==> flow/design.v <==
module summer #(
  parameter int XLEN = 24,
  parameter int BS = 2
) (
  input  logic CLK,
  input  logic [XLEN-1:0] i_first,
  input  logic [XLEN-1:0] i_second,
  input  logic i_cy_in,
  output logic [XLEN-1:0] o_res,
  output logic o_cy
);
  logic [XLEN-1:0] first_ff;
  logic [XLEN-1:0] second_ff;
  logic cy_in_ff;
  always_ff @(posedge CLK) begin
    first_ff <= i_first;
    second_ff <= i_second;
    cy_in_ff <= i_cy_in;
  end
  localparam int NG = XLEN / BS;
  logic [XLEN-1:0] val;
  logic [NG:0] chain;
  assign chain[0] = cy_in_ff;
  for (genvar ii = 0; ii < NG; ii++) begin : g_bit
    wire [BS:0] s0 = first_ff[ii*BS +: BS] + second_ff[ii*BS +: BS];
    wire [BS:0] s1 = first_ff[ii*BS +: BS] + second_ff[ii*BS +: BS] + 1'b1;
    assign {chain[ii+1], val[ii*BS +: BS]} = chain[ii] ? s1 : s0;
  end
  assign o_res = val;
  assign o_cy = chain[NG];
endmodule
Step by step through the tools: summer
The steps from the RTL of summer to its reports follow in flow order.
Line numbers count from 1 in the design file above.
Library cell names are shortened.
A cell with n/a has no value.
Set-up
  top module: summer
  clock port: CLK
  standard-cell library: sky130hd
  corner: tt_025C_1v80

Word level
Counts by Yosys on the flattened word-level netlist (proc, flatten, opt, wreduce; memories kept). Register bits leave out memories and registers merged into their read ports (data or address); mux counts leave out enables and synchronous resets folded into registers. Print and check cells are left out. Cells with the same type and inputs are merged into one.
Cells by class
  add/sub/neg operators: 24
  multiplexer cells: 12
Operator list (number)
  2-bit by 2-bit adder with 3-bit output: 12
  3-bit by 1-bit adder with 3-bit output (second input constant): 12
  3-bit two-way mux: 12
Storage and ports
  input bits: 50
  output and inout port bits: 25
  bits in registers: 49
  elaborated cells: 39

Depth
Depth = most cells in a row (Yosys ltp): at word level without a register or memory, in the mapped netlist without a sequential cell, where the memories' decode and read muxes count.
Logic depth
  depth in word-level cells: 14
  ABC_AREA: 0
  mapped depth: 15
  depth with buffers taken out: 15

Mapped cells and area
Source: synth_stat.txt of the flow (Yosys; design flattened, memories mapped). It holds for the ABC_AREA given above (unset counts as 0); a run with the other value may have another netlist.
Cell types
  dfxtp_1: number 49, total area 980.941 um^2
  ha_1: number 24, total area 300.288 um^2
  fa_1: number 12, total area 240.23 um^2
  inv_1: number 28, total area 105.101 um^2
  xor2_1: number 10, total area 87.584 um^2
  xnor2_1: number 8, total area 70.067 um^2
  mux2_2: number 5, total area 56.304 um^2
  nand4_1: number 8, total area 50.048 um^2
  nand2_1: number 13, total area 48.797 um^2
  nand3_1: number 9, total area 45.043 um^2
  nand3b_1: number 5, total area 37.536 um^2
  a311oi_4: number 1, total area 26.275 um^2
  nand4b_1: number 3, total area 26.275 um^2
  nor2_1: number 7, total area 26.275 um^2
  nand2b_1: number 4, total area 25.024 um^2
  nor3_1: number 5, total area 25.024 um^2
  o21ai_0: number 5, total area 25.024 um^2
  nor3b_1: number 3, total area 22.522 um^2
Not listed: further types 34, cells in them 43.
Mapped netlist
  flip-flops: 49
  buffer cells: 4
  area of sequential cells: 980.9 um^2
  chip area (Yosys): 2557.5 um^2
  standard cells after synthesis: 242

Timing after synthesis
Path of least setup slack by OpenSTA after synthesis, without wires, with an ideal clock, recovery checks aside; 20% of the period is set as input and as output delay. Where synthesis merged equal registers, the netlist keeps one of their names.
Timing post-synthesis
  path kind: register to output
  start point: reg first_ff[0]
  end point: out o_res[21]
  path delay: 3.781 ns
  data required time: 4.728 ns
  path buffers: 0
  path slack: 0.947 ns
  arrival time: 3.781 ns
  stages on the path: 16
  time at the first pin: 0.000 ns
  clock period: 5.91 ns
  external output delay: 1.182 ns
  synthesis period reached: 4.963 ns
"path delay" = arrival - input delay + setup time.
At an output port there is no setup time.
"stages on the path": output pins that drive a net of the path, with the launching flip-flop's if there is one; two outputs of one cell count as two.
"synthesis period reached" = period - worst setup slack (recovery checks aside). The figure is calculated, with input and output delays left at 20% of the set period.
Between the ends stands the longest chain of elaborated cells between them, by number of cells; it is not shown to be the way that was timed. Of several equally long chains one is given.
A line is the first line of the expression or statement that the cell stems from. Yosys adds cells for indexed reads and writes and turns some case tables into memories.
Between the ends, post-synthesis
  cells stage by stage: dfxtp_1 > ha_1 > inv_1 > fa_1 > inv_1 > ha_1 > a21bo_2 > a311o_1 > a211o_1 > a32o_2 > a31o_2 > o2111a_1 > a311oi_4 > nor2_1 > nor2_1 > mux2_1
  length of the longest elaborated chain: 13
  elaborated cells on any way between the ends: 13
  classes of those cells: add/sub: 2; mux: 11
RTL lines, path post-synthesis
  start: declaration: RTL line 12  | logic [XLEN-1:0] first_ff;
  start: assignment: RTL line 16  | first_ff <= i_first;
  2-bit by 2-bit adder with 3-bit output: RTL line 26  | wire [BS:0] s1 = first_ff[ii*BS +: BS] + second_ff[ii*BS +: BS] + 1'b1;
  3-bit by 1-bit adder with 3-bit output: RTL line 26
  3-bit two-way mux (11 in a row): RTL line 27  | assign {chain[ii+1], val[ii*BS +: BS]} = chain[ii] ? s1 : s0;
  end: declaration: RTL line 9  | output logic [XLEN-1:0] o_res,

Worst path after layout
From the final timing report of job 1: the path of least setup slack in the routed layout; clock arrival at registers is part of the times.
Timing after layout
  path kind: register to output
  start point: reg first_ff[0]
  end point: out o_cy
  stages on the path: 19
  arrival time: 4.43 ns
  data required time: 4.73 ns
  external output delay: 1.18 ns
  clock period: 5.91 ns
  path slack: 0.30 ns
  time at the first pin: 0.29 ns
  path buffers: 3
Between the ends stands the longest chain of elaborated cells between them, by number of cells; it is not shown to be the way that was timed. Of several equally long chains one is given.
Between the ends, after layout
  cells stage by stage: dfxtp_1 > ha_1 > inv_1 > fa_1 > inv_1 > ha_1 > a21bo_2 > a311o_1 > a211o_1 > a32o_2 > a31o_2 > o2111a_1 > a311oi_4 > buf_4 > buf_4 > a21boi_1 > nor3_1 > xor2_1 > dlymetal6s2s_1
  length of the longest elaborated chain: 14
  elaborated cells on any way between the ends: 14
  classes of those cells: add/sub: 2; mux: 12
RTL lines, path after layout
  start: declaration: RTL line 12  | logic [XLEN-1:0] first_ff;
  start: assignment: RTL line 16  | first_ff <= i_first;
  2-bit by 2-bit adder with 3-bit output: RTL line 26  | wire [BS:0] s1 = first_ff[ii*BS +: BS] + second_ff[ii*BS +: BS] + 1'b1;
  3-bit by 1-bit adder with 3-bit output: RTL line 26
  3-bit two-way mux (12 in a row): RTL line 27  | assign {chain[ii+1], val[ii*BS +: BS]} = chain[ii] ? s1 : s0;
  end: declaration: RTL line 10  | output logic o_cy

Subject: flow runs of summer

Hi,

summer through Yosys and OpenROAD on sky130hd: 3 stored runs, unordered, with their settings and measured results. The constraints put input and output delay at 20% of the set period each and load the outputs with 0.01 pF.
By "achieved clock period (ns)" is meant the clock period of the run minus its worst setup slack. This is arithmetic on one report: input and output delays are still those of the set period (20% each).
"worst setup path time (ns)" = time allowed to the worst setup path (clock period - input delay - output delay, where it has them) - its slack; a late launch clock adds to it, a late capture clock takes from it.

settings of job 1
{
  "period_ns": 5.91,
  "CAP_MARGIN": 20,
  "CORE_MARGIN": 2,
  "CORE_UTILIZATION": 40,
  "SLEW_MARGIN": 20
}
report of job 1
yosys chip area after synthesis (um^2): 2557.5
finish__design__die__area: 7049.3
finish__design__instance__area__stdcell: 3575.9
finish__timing__setup__ws: 0.299
finish__timing__setup__tns: 0.000
finish__timing__hold__ws: 1.317
achieved clock period (ns): 5.611
worst setup path time (ns): 4.43
worst setup path kind: register to output

settings of job 2
{
  "period_ns": 6.71,
  "CORE_UTILIZATION": 49,
  "SETUP_SLACK_MARGIN": 0.52,
  "PLACE_DENSITY_LB_ADDON": 0.05,
  "HOLD_SLACK_MARGIN": 0.2,
  "CORE_ASPECT_RATIO": 0.75,
  "CELL_PAD_IN_SITES_GLOBAL_PLACEMENT": 1,
  "CTS_CLUSTER_DIAMETER": 63,
  "CAP_MARGIN": 25,
  "CORE_MARGIN": 2,
  "SLEW_MARGIN": 20
}
report of job 2
yosys chip area after synthesis (um^2): 2557.5
finish__design__die__area: 5819.1
finish__design__instance__area__stdcell: 3485.8
finish__timing__setup__ws: 0.655
finish__timing__setup__tns: 0.000
finish__timing__hold__ws: 1.479
achieved clock period (ns): 6.055
worst setup path time (ns): 4.71
worst setup path kind: register to output

settings of job 3
{
  "period_ns": 3.31,
  "CORE_UTILIZATION": 49,
  "SETUP_SLACK_MARGIN": -0.32,
  "PLACE_DENSITY": 0.55,
  "CORE_ASPECT_RATIO": 1.46,
  "CELL_PAD_IN_SITES_GLOBAL_PLACEMENT": 3,
  "CELL_PAD_IN_SITES_DETAIL_PLACEMENT": 2,
  "CTS_CLUSTER_DIAMETER": 67,
  "MAX_ROUTING_LAYER": "met4",
  "CAP_MARGIN": 20,
  "CORE_MARGIN": 2,
  "SLEW_MARGIN": 20
}
report of job 3: did not finish, place, GPL-0301

Regards
